==> flow/design.v <==
module rf_n #(
    parameter NREGS = 40,
    parameter DATA_WIDTH = 4,
    parameter ABITS = $clog2(NREGS)
) (
    input wire clk,
    input wire clr,
    input wire valid,
    input wire wr,
    input wire [ABITS-1:0] wr_idx,
    input wire [DATA_WIDTH-1:0] write_data,
    input wire [ABITS-1:0] rsel1,
    input wire [ABITS-1:0] rsel2,
    output wire [DATA_WIDTH-1:0] read_data1,
    output wire [DATA_WIDTH-1:0] read_data2
);
    reg wr_d1;
    always @(posedge clk) begin
        if (clr) begin
            wr_d1 <= 1'b0;
        end else if (valid) begin
            wr_d1 <= wr;
        end
    end
    reg [ABITS-1:0] wr_idx_d1;
    always @(posedge clk) begin
        if (clr) begin
            wr_idx_d1 <= 0;
        end else if (valid) begin
            wr_idx_d1 <= wr_idx;
        end
    end
    reg [DATA_WIDTH-1:0] write_data_d1;
    always @(posedge clk) begin
        if (clr) begin
            write_data_d1 <= 0;
        end else if (valid) begin
            write_data_d1 <= write_data;
        end
    end
    reg [DATA_WIDTH-1:0] regs [NREGS-1:0];
    always @(posedge clk) begin
        if (valid && wr_d1 && wr_idx_d1 != 0)
            regs[wr_idx_d1] <= write_data_d1;
    end
    reg [ABITS-1:0] rsel1_d1;
    always @(posedge clk) begin
        if (clr) begin
            rsel1_d1 <= 0;
        end else if (valid) begin
            rsel1_d1 <= rsel1;
        end
    end
    reg [ABITS-1:0] rsel2_d1;
    always @(posedge clk) begin
        if (clr) begin
            rsel2_d1 <= 0;
        end else if (valid) begin
            rsel2_d1 <= rsel2;
        end
    end
    assign read_data1 = (rsel1_d1 == 0) ? {DATA_WIDTH{1'b0}} : regs[rsel1_d1];
    assign read_data2 = (rsel2_d1 == 0) ? {DATA_WIDTH{1'b0}} : regs[rsel2_d1];
endmodule
======== Step by step through the tools: rf_n ========
What the tools print for rf_n, step after step.
Line numbers count from 1 in the design file above.
Operators: Yosys type, input widths -> output width; for muxes data width and select width s.
The mark -- stands for no value.
set-up
  design top .............................. rf_n
  clock input ............................. clk
  standard-cell library ................... sky130hd
  corner .................................. tt_025C_1v80

======== Word level ========
Counts by Yosys on the flattened word-level netlist (proc, flatten, opt, wreduce; memories kept). Print and check cells are left out. Cells with the same type and inputs are merged into one.
Yosys's memory passes give these memory sizes; they may raise the number of words (mostly to a power of two), join words into wider ones and drop unused or constant bits.
storage and ports
  clocked read ports x word width ......... 8
  bits of input ports ..................... 26
  memories ................................ 1
  cells after elaboration ................. 20
  bits in writable memories ............... 160
  register bits after elaboration ......... 23
cells by class
  reduce/logical cells .................... 5
  mux-type cells .......................... 9
memories
  memory  words  width  read ports  wr ports  line  source
  regs    40     4      2           1         41    reg [DATA_WIDTH-1:0] regs [NREGS-1:0];
operators by type and width
  cell               number
  $mux 6             5
  $logic_not 6->1    2
  $mux 4             3
  $reduce_bool 6->1  1
  $logic_and 1x1->1  2
  $mux 1             1

======== Logic depth ========
Longest topological path by Yosys (ltp), each cell counted once; first at word level (registers and memories cut), then after technology mapping (sequential cells cut; the memories' decode and read muxes count).
logic depth
  word-level depth ........................ 3
  ABC_AREA ................................ 0
  mapped depth ............................ 8
  mapped depth without buffers ............ 5

======== After synthesis ========
Source: synth_stat.txt of the flow (Yosys; design flattened, memories mapped). It holds for the ABC_AREA given above (unset counts as 0); a run with the other value may have another netlist.
Totals and module areas in this step are rounded.
synthesis totals
  standard cells after synthesis .......... 638
  chip area (Yosys) ....................... 0.009062 mm^2
  flip-flop cells ......................... 195
  sequential area ......................... 0.005505 mm^2
cell types
  cell                       number  total area (um^2)
  sky130_fd_sc_hd__edfxtp_1  160     4.8E+03
  sky130_fd_sc_hd__mux2i_1   159     1.59E+03
  sky130_fd_sc_hd__dfxtp_1   35      700.672
  sky130_fd_sc_hd__a22oi_1   60      450.432
  sky130_fd_sc_hd__mux4_2    16      360.346
  sky130_fd_sc_hd__nor2_1    66      247.738
  sky130_fd_sc_hd__a21oi_1   40      200.192
  sky130_fd_sc_hd__buf_6     16      180.173
  sky130_fd_sc_hd__buf_4     10      75.072
  sky130_fd_sc_hd__o21a_1    8       60.058
  sky130_fd_sc_hd__a22oi_2   4       50.048
  sky130_fd_sc_hd__nor4_1    8       50.048
  sky130_fd_sc_hd__buf_2     8       40.038
  sky130_fd_sc_hd__nand2_1   9       33.782
  sky130_fd_sc_hd__nor2b_1   5       31.28
  sky130_fd_sc_hd__clkbuf_1  7       26.275
  sky130_fd_sc_hd__nand2b_1  4       25.024
  sky130_fd_sc_hd__nand3_1   5       25.024
Other cell types: 12; their cells: 18.

======== Path before layout ========
Path of least setup slack by OpenSTA after synthesis, without wires, with an ideal clock, recovery checks aside; 20% of the period is set as input and as output delay. Where synthesis merged equal registers, the netlist keeps one of their names.
path post-synthesis
  path type ............................... reg-to-output
  from .................................... register (name not given)
  to ...................................... output read_data1[1]
  required time ........................... 1.824 ns
  setup slack ............................. 0.365 ns
  arrival ................................. 1.459 ns
  path delay .............................. 1.459 ns
  launch time at the first pin ............ 0.000 ns
  clock period ............................ 2.28 ns
  output delay ............................ 0.456 ns
  stages .................................. 7
  synthesis period reached ................ 1.915 ns
"path delay" is the arrival time less input delay plus setup time.
A path that ends at an output port has no setup time.
"stages" counts driving pins, that of a launching flip-flop among them; a cell with two outputs on the path counts twice.
"synthesis period reached" = period - worst setup slack (recovery checks aside). The figure is calculated, with input and output delays left at 20% of the set period.
on the way, post-synthesis
  path through ............................ sky130_fd_sc_hd__dfxtp_1 sky130_fd_sc_hd__buf_4 sky130_fd_sc_hd__buf_6 sky130_fd_sc_hd__mux4_2 sky130_fd_sc_hd__mux2i_1 sky130_fd_sc_hd__a21oi_1 sky130_fd_sc_hd__o21a_1
RTL lines, path post-synthesis
  what              line  source
  end: declaration  14    output wire [DATA_WIDTH-1:0] read_data1,
No chain of elaborated cells between the ends is given.

======== Timing after layout ========
Path of least setup slack in the final report of entry A (OpenROAD, finished layout, wires in). Where an end is a register, its clock arrival counts in the times.
path post-layout
  path type ............................... reg-to-output
  from .................................... register (name not given)
  to ...................................... output read_data2[0]
  required time ........................... 1.72 ns
  clock period ............................ 2.15 ns
  arrival ................................. 2.44 ns
  output delay ............................ 0.43 ns
  stages .................................. 11
  setup slack ............................. -0.72 ns
  launch time at the first pin ............ 0.44 ns
on the way, post-layout
  path through ............................ sky130_fd_sc_hd__dfxtp_4 sky130_fd_sc_hd__buf_12 sky130_fd_sc_hd__buf_12 sky130_fd_sc_hd__mux2i_1 sky130_fd_sc_hd__a22oi_1 sky130_fd_sc_hd__buf_4 sky130_fd_sc_hd__a21oi_1 sky130_fd_sc_hd__nor4_2 sky130_fd_sc_hd__buf_4 sky130_fd_sc_hd__o21a_1 sky130_fd_sc_hd__buf_2
RTL lines, path post-layout
  what              line  source
  end: declaration  15    output wire [DATA_WIDTH-1:0] read_data2
No chain of elaborated cells between the ends is given.

==> results <==
Module rf_n, platform sky130hd: 3 stored runs of the flow (Yosys, OpenROAD) with differing settings, in no particular order. Input and output delays are each 20% of the period that was set; the output load is 0.01 pF.
"reached clock period" means the clock period less the worst setup slack. The figure is calculated, with input and output delays left at 20% of the set period.
"time on the worst setup path": the worst setup path's part of the clock period (all of it between registers, 20% less for each end at a port) less its slack. A launch clock that arrives late makes it longer, a capture clock that arrives late makes it shorter.
"power consumption": no workload was simulated; the value follows from the tool's default switching activity.
Measured values are rounded.

---- entry A ----
settings
  period_ns = 2.15
  CORE_UTILIZATION = 36
  CORE_ASPECT_RATIO = 1.52
  CORE_MARGIN = 4
  CELL_PAD_IN_SITES_DETAIL_PLACEMENT = 1
  TNS_END_PERCENT = 95
  GPL_ROUTABILITY_DRIVEN = 1
  CTS_CLUSTER_DIAMETER = 108
  SLEW_MARGIN = 35
  CAP_MARGIN = 20
results
  Yosys chip area after synthesis ......... 0.009062 mm^2
  die size ................................ 0.02783 mm^2
  standard-cell area after layout ......... 0.01164 mm^2
  post-route utilization .................. 0.47
  worst setup slack after layout .......... -0.719 ns
  final setup TNS ......................... -5.275 ns
  worst hold slack in the final report .... 0.544 ns
  power consumption ....................... 8,347 uW
  reached clock period .................... 2.869 ns
  time on the worst setup path ............ 2.44 ns
  kind of the worst setup path ............ reg-to-output

---- entry B ----
settings
  period_ns = 2.28
  CAP_MARGIN = 20
  CORE_MARGIN = 2
  CORE_UTILIZATION = 40
  SLEW_MARGIN = 20
results
  Yosys chip area after synthesis ......... 0.009062 mm^2
  die size ................................ 0.02388 mm^2
  standard-cell area after layout ......... 0.01126 mm^2
  post-route utilization .................. 0.502
  worst setup slack after layout .......... -0.568 ns
  final setup TNS ......................... -3.784 ns
  worst hold slack in the final report .... 0.540 ns
  power consumption ....................... 7,944 uW
  reached clock period .................... 2.848 ns
  time on the worst setup path ............ 2.39 ns
  kind of the worst setup path ............ reg-to-output

---- entry C ----
settings
  period_ns = 2.16
  CORE_UTILIZATION = 58
  SETUP_SLACK_MARGIN = 0.24
  PLACE_DENSITY = 0.55
  CORE_ASPECT_RATIO = 1.29
  CELL_PAD_IN_SITES_GLOBAL_PLACEMENT = 3
  GPL_ROUTABILITY_DRIVEN = 1
  CTS_CLUSTER_SIZE = 13
  CTS_CLUSTER_DIAMETER = 251
  CAP_MARGIN = 20
  CORE_MARGIN = 2
  SLEW_MARGIN = 20
results
  did not finish, placement stopped with GPL-0301
